==> flow/design.v <==
module u_mul_unit #(
   parameter DATA_WIDTH = 5
) (
   input  clock,
   input  aresetn,
   input  [DATA_WIDTH-1:0] first,
   input  [DATA_WIDTH-1:0] second,
   input  [2*DATA_WIDTH-1:0] third,
   output [2*DATA_WIDTH:0] m
);
   reg [DATA_WIDTH-1:0] first_ff;
   reg [DATA_WIDTH-1:0] second_ff;
   reg [2*DATA_WIDTH-1:0] third_ff;
   always @(posedge clock) begin
      if (!aresetn) begin
         first_ff <= 0;
         second_ff <= 0;
         third_ff <= 0;
      end else begin
         first_ff <= first;
         second_ff <= second;
         third_ff <= third;
      end
   end
   assign m = first_ff * second_ff + third_ff;
endmodule
* Tool chain data of u_mul_unit
The steps from the RTL of u_mul_unit to its reports follow in flow order. Lines are those of the file above, counted from 1. Cell names lack the library's common part. The mark - stands for no value.
Design: design top u_mul_unit, clock port clock, standard-cell library sky130hd, library corner tt_025C_1v80

* Elaborated design
Counts by Yosys on the flattened word-level netlist (proc, flatten, opt, wreduce; memories kept). Register bits leave out memories and registers merged into their read ports (data or address); mux counts leave out enables and synchronous resets folded into registers. Print and check cells are left out. Cells with the same type and inputs are merged into one.
Storage and ports: input bits 22, output and inout bits 11, cells after elaboration 5, register bits after elaboration 20
Cells by class: multipliers 1, add/sub/neg operators 1
Operators with widths (number):
- multiplier 5 x 5 -> 10 bit | 1
- adder 10 x 10 -> 11 bit | 1

* Depth
Longest topological path by Yosys (ltp), each cell counted once; first at word level (registers and memories cut), then after technology mapping (sequential cells cut; the memories' decode and read muxes count).
Depth: word-level depth 2, ABC_AREA 0, depth in mapped cells 12, depth with buffers taken out 12

* Netlist
Source: synth_stat.txt of the flow (Yosys; design flattened, memories mapped). It holds for the ABC_AREA given above (unset counts as 0); a run with the other value may have another netlist. Totals and module areas in this step are rounded.
Cell types (number):
- dfxtp_1 | 20
- fa_1 | 17
- ha_1 | 19
- and2_1 | 34
- inv_1 | 20
- nand2_1 | 15
- xnor2_1 | 3
- xor2_1 | 3
- a21oi_1 | 4
- mux2i_1 | 2
- o31ai_2 | 1
- and4b_1 | 1
- nand3_1 | 2
- o21ai_0 | 2
- a21o_2 | 1
- a21oi_2 | 1
- a211oi_1 | 1
- a21o_1 | 1
Other cell types: 6; their cells: 7.
Synthesis totals: mapped cells 154, area of sequential cells 400.4 µm², mapped flip-flops 20, buffer cells 2, chip area (Yosys) 1528 µm²

* Path before layout
OpenSTA on the mapped netlist: ideal clock, no wires. The path of least setup slack (recovery checks aside). Input and output delay are each 20% of the period. Register names are those of the netlist, which keeps one name where synthesis merged equal registers.
Timing post-synthesis: kind reg2out, start point register second_ff[4], end point output m[8], arrival time 3.105 ns, buffers on the path 0, period 4.85 ns, path slack 0.775 ns, driving pins on the path 11, output delay 0.970 ns, path delay 3.105 ns, synthesis period reached 4.075 ns
"path delay" is the arrival time less input delay plus setup time. A path that ends at an output port has no setup time. "driving pins on the path" counts driving pins, that of a launching flip-flop among them; a cell with two outputs on the path counts twice. "synthesis period reached" = period - worst setup slack (recovery checks aside). The figure is calculated, with input and output delays left at 20% of the set period. The rows between start and end are the longest chain of elaborated cells between them; the timing report does not say that the signal goes this way. Where chains are equally long, one stands for them. A line is the first line of the expression or statement that the cell stems from. Yosys adds cells for indexed reads and writes and turns some case tables into memories.
Between the ends, post-synthesis: cells stage by stage dfxtp_1 -> nand2_1 -> fa_1 -> fa_1 -> fa_1 -> inv_1 -> ha_1 -> a21o_2 -> a21oi_2 -> o21ai_0 -> xor2_1, cells in the longest elaborated chain 2
Ends and longest elaborated chain, post-synthesis:
- start, declared | RTL line 12 | reg [DATA_WIDTH-1:0] second_ff;
- start, assigned | RTL line 17 | second_ff <= 0;
- start, assigned | RTL line 21 | second_ff <= second;
- multiplier 5 x 5 -> 10 bit | RTL line 25 | assign m = first_ff * second_ff + third_ff;
- adder 10 x 10 -> 11 bit | RTL line 25
- end, declared | RTL line 9 | output [2*DATA_WIDTH:0] m

* Path in the finished layout
From the final timing report of run 1: the path of least setup slack in the routed layout; clock arrival at registers is part of the times.
Timing post-layout: kind reg2out, start point register second_ff[4], end point output m[10], path slack -0.27 ns, driving pins on the path 12, output delay 0.76 ns, period 3.78 ns, buffers on the path 1, arrival time 3.29 ns
The rows between start and end are the longest chain of elaborated cells between them; the timing report does not say that the signal goes this way. Where chains are equally long, one stands for them.
Between the ends, post-layout: cells stage by stage dfxtp_4 -> nand2_2 -> fa_1 -> fa_1 -> fa_1 -> inv_2 -> ha_4 -> a21o_4 -> a21oi_4 -> o31ai_2 -> xor2_1 -> buf_2, cells in the longest elaborated chain 2
Ends and longest elaborated chain, post-layout:
- start, declared | RTL line 12 | reg [DATA_WIDTH-1:0] second_ff;
- start, assigned | RTL line 17 | second_ff <= 0;
- start, assigned | RTL line 21 | second_ff <= second;
- multiplier 5 x 5 -> 10 bit | RTL line 25 | assign m = first_ff * second_ff + third_ff;
- adder 10 x 10 -> 11 bit | RTL line 25
- end, declared | RTL line 9 | output [2*DATA_WIDTH:0] m

Subject: u_mul_unit on sky130hd, stored results

Hello all,

Stored flow runs of u_mul_unit (3 of them; Yosys, OpenROAD, sky130hd). They differ in their settings and are not a sequence. Constraints: input delay and output delay 20% of the set period each, output load 0.01 pF.
"reached clock period" is the run's clock period less its worst setup slack. It is reckoned from that one timing run; input and output delays stay at 20% of the period that was set.
"time of the worst setup path": the worst setup path's part of the clock period (all of it between registers, 20% less for each end at a port) less its slack. A launch clock that arrives late makes it longer, a capture clock that arrives late makes it shorter.
"power" rests on the timing tool's default activity at the inputs, not on a simulated workload.
The measured numbers are rounded.

[run 1] flow files
==> flow/run.sh <==
#!/bin/bash
# the make line also repeats the synthesis and layout settings of config.mk as NAME=value (left out here)
make -C /OpenROAD-flow-scripts/flow DESIGN_CONFIG=/design/flow/config.mk WORK_HOME=/design/flow/orfs CLKGATE_MAP_FILE= finish
==> flow/config.mk <==
export PLATFORM = sky130hd
export DESIGN_NAME = u_mul_unit
export DESIGN_NICKNAME = u_mul_unit
export VERILOG_FILES = /design/flow/design.v
export SDC_FILE = /design/flow/constraint.sdc
export NUM_CORES = 4
export LEC_CHECK = 0
export CAP_MARGIN = 20
export CELL_PAD_IN_SITES_DETAIL_PLACEMENT = 0
export CELL_PAD_IN_SITES_GLOBAL_PLACEMENT = 2
export CORE_ASPECT_RATIO = 1.29
export CORE_MARGIN = 2
export CORE_UTILIZATION = 39
export CTS_CLUSTER_DIAMETER = 366
export GPL_TIMING_DRIVEN = 1
export MIN_ROUTING_LAYER = met2
export PLACE_DENSITY_LB_ADDON = 0.3
export SETUP_SLACK_MARGIN = 0.72
export SLEW_MARGIN = 35
==> flow/constraint.sdc <==
create_clock -name core_clock -period 3.78 [get_ports {clock}]
set_input_delay 0.7560 -clock core_clock [delete_from_list [all_inputs] [get_ports {clock}]]
set_output_delay 0.7560 -clock core_clock [all_outputs]
set_load 0.01 [all_outputs]

[run 1] result: final worst hold slack 1.071 ns; utilization 61.1 %; reached clock period 4.045 ns; synthesis area 1,528 µm²; power 0.5935 mW; standard-cell area of the final layout 2,275 µm²; overall die area 4,438 µm²; worst slack on setup checks -0.265 ns; time of the worst setup path 3.29 ns; class of the worst setup path reg2out; total negative setup slack -1.279 ns

[run 2] flow files
==> flow/run.sh <==
#!/bin/bash
# the make line also repeats the synthesis and layout settings of config.mk as NAME=value (left out here)
make -C /OpenROAD-flow-scripts/flow DESIGN_CONFIG=/design/flow/config.mk WORK_HOME=/design/flow/orfs CLKGATE_MAP_FILE= finish
==> flow/config.mk <==
export PLATFORM = sky130hd
export DESIGN_NAME = u_mul_unit
export DESIGN_NICKNAME = u_mul_unit
export VERILOG_FILES = /design/flow/design.v
export SDC_FILE = /design/flow/constraint.sdc
export NUM_CORES = 4
export LEC_CHECK = 0
export CAP_MARGIN = 20
export CORE_MARGIN = 2
export CORE_UTILIZATION = 40
export SLEW_MARGIN = 20
==> flow/constraint.sdc <==
create_clock -name core_clock -period 4.85 [get_ports {clock}]
set_input_delay 0.9700 -clock core_clock [delete_from_list [all_inputs] [get_ports {clock}]]
set_output_delay 0.9700 -clock core_clock [all_outputs]
set_load 0.01 [all_outputs]

[run 2] result: final worst hold slack 1.273 ns; utilization 55.1 %; reached clock period 4.664 ns; synthesis area 1,528 µm²; power 0.4409 mW; standard-cell area of the final layout 2,017 µm²; overall die area 4,330 µm²; worst slack on setup checks 0.186 ns; time of the worst setup path 3.69 ns; class of the worst setup path reg2out; total negative setup slack 0.000 ns

[run 3] flow files
==> flow/run.sh <==
#!/bin/bash
# the make line also repeats the synthesis and layout settings of config.mk as NAME=value (left out here)
make -C /OpenROAD-flow-scripts/flow DESIGN_CONFIG=/design/flow/config.mk WORK_HOME=/design/flow/orfs CLKGATE_MAP_FILE= finish
==> flow/config.mk <==
export PLATFORM = sky130hd
export DESIGN_NAME = u_mul_unit
export DESIGN_NICKNAME = u_mul_unit
export VERILOG_FILES = /design/flow/design.v
export SDC_FILE = /design/flow/constraint.sdc
export NUM_CORES = 4
export LEC_CHECK = 0
export CAP_MARGIN = 40
export CELL_PAD_IN_SITES_GLOBAL_PLACEMENT = 2
export CORE_MARGIN = 2
export CORE_UTILIZATION = 52
export MAX_ROUTING_LAYER = met4
export MIN_ROUTING_LAYER = met2
export PLACE_DENSITY_LB_ADDON = 0.16
export SETUP_SLACK_MARGIN = -0.13
export SLEW_MARGIN = 20
==> flow/constraint.sdc <==
create_clock -name core_clock -period 5.06 [get_ports {clock}]
set_input_delay 1.0120 -clock core_clock [delete_from_list [all_inputs] [get_ports {clock}]]
set_output_delay 1.0120 -clock core_clock [all_outputs]
set_load 0.01 [all_outputs]

[run 3] result: no results, placement failed with FLW-0024

Thanks
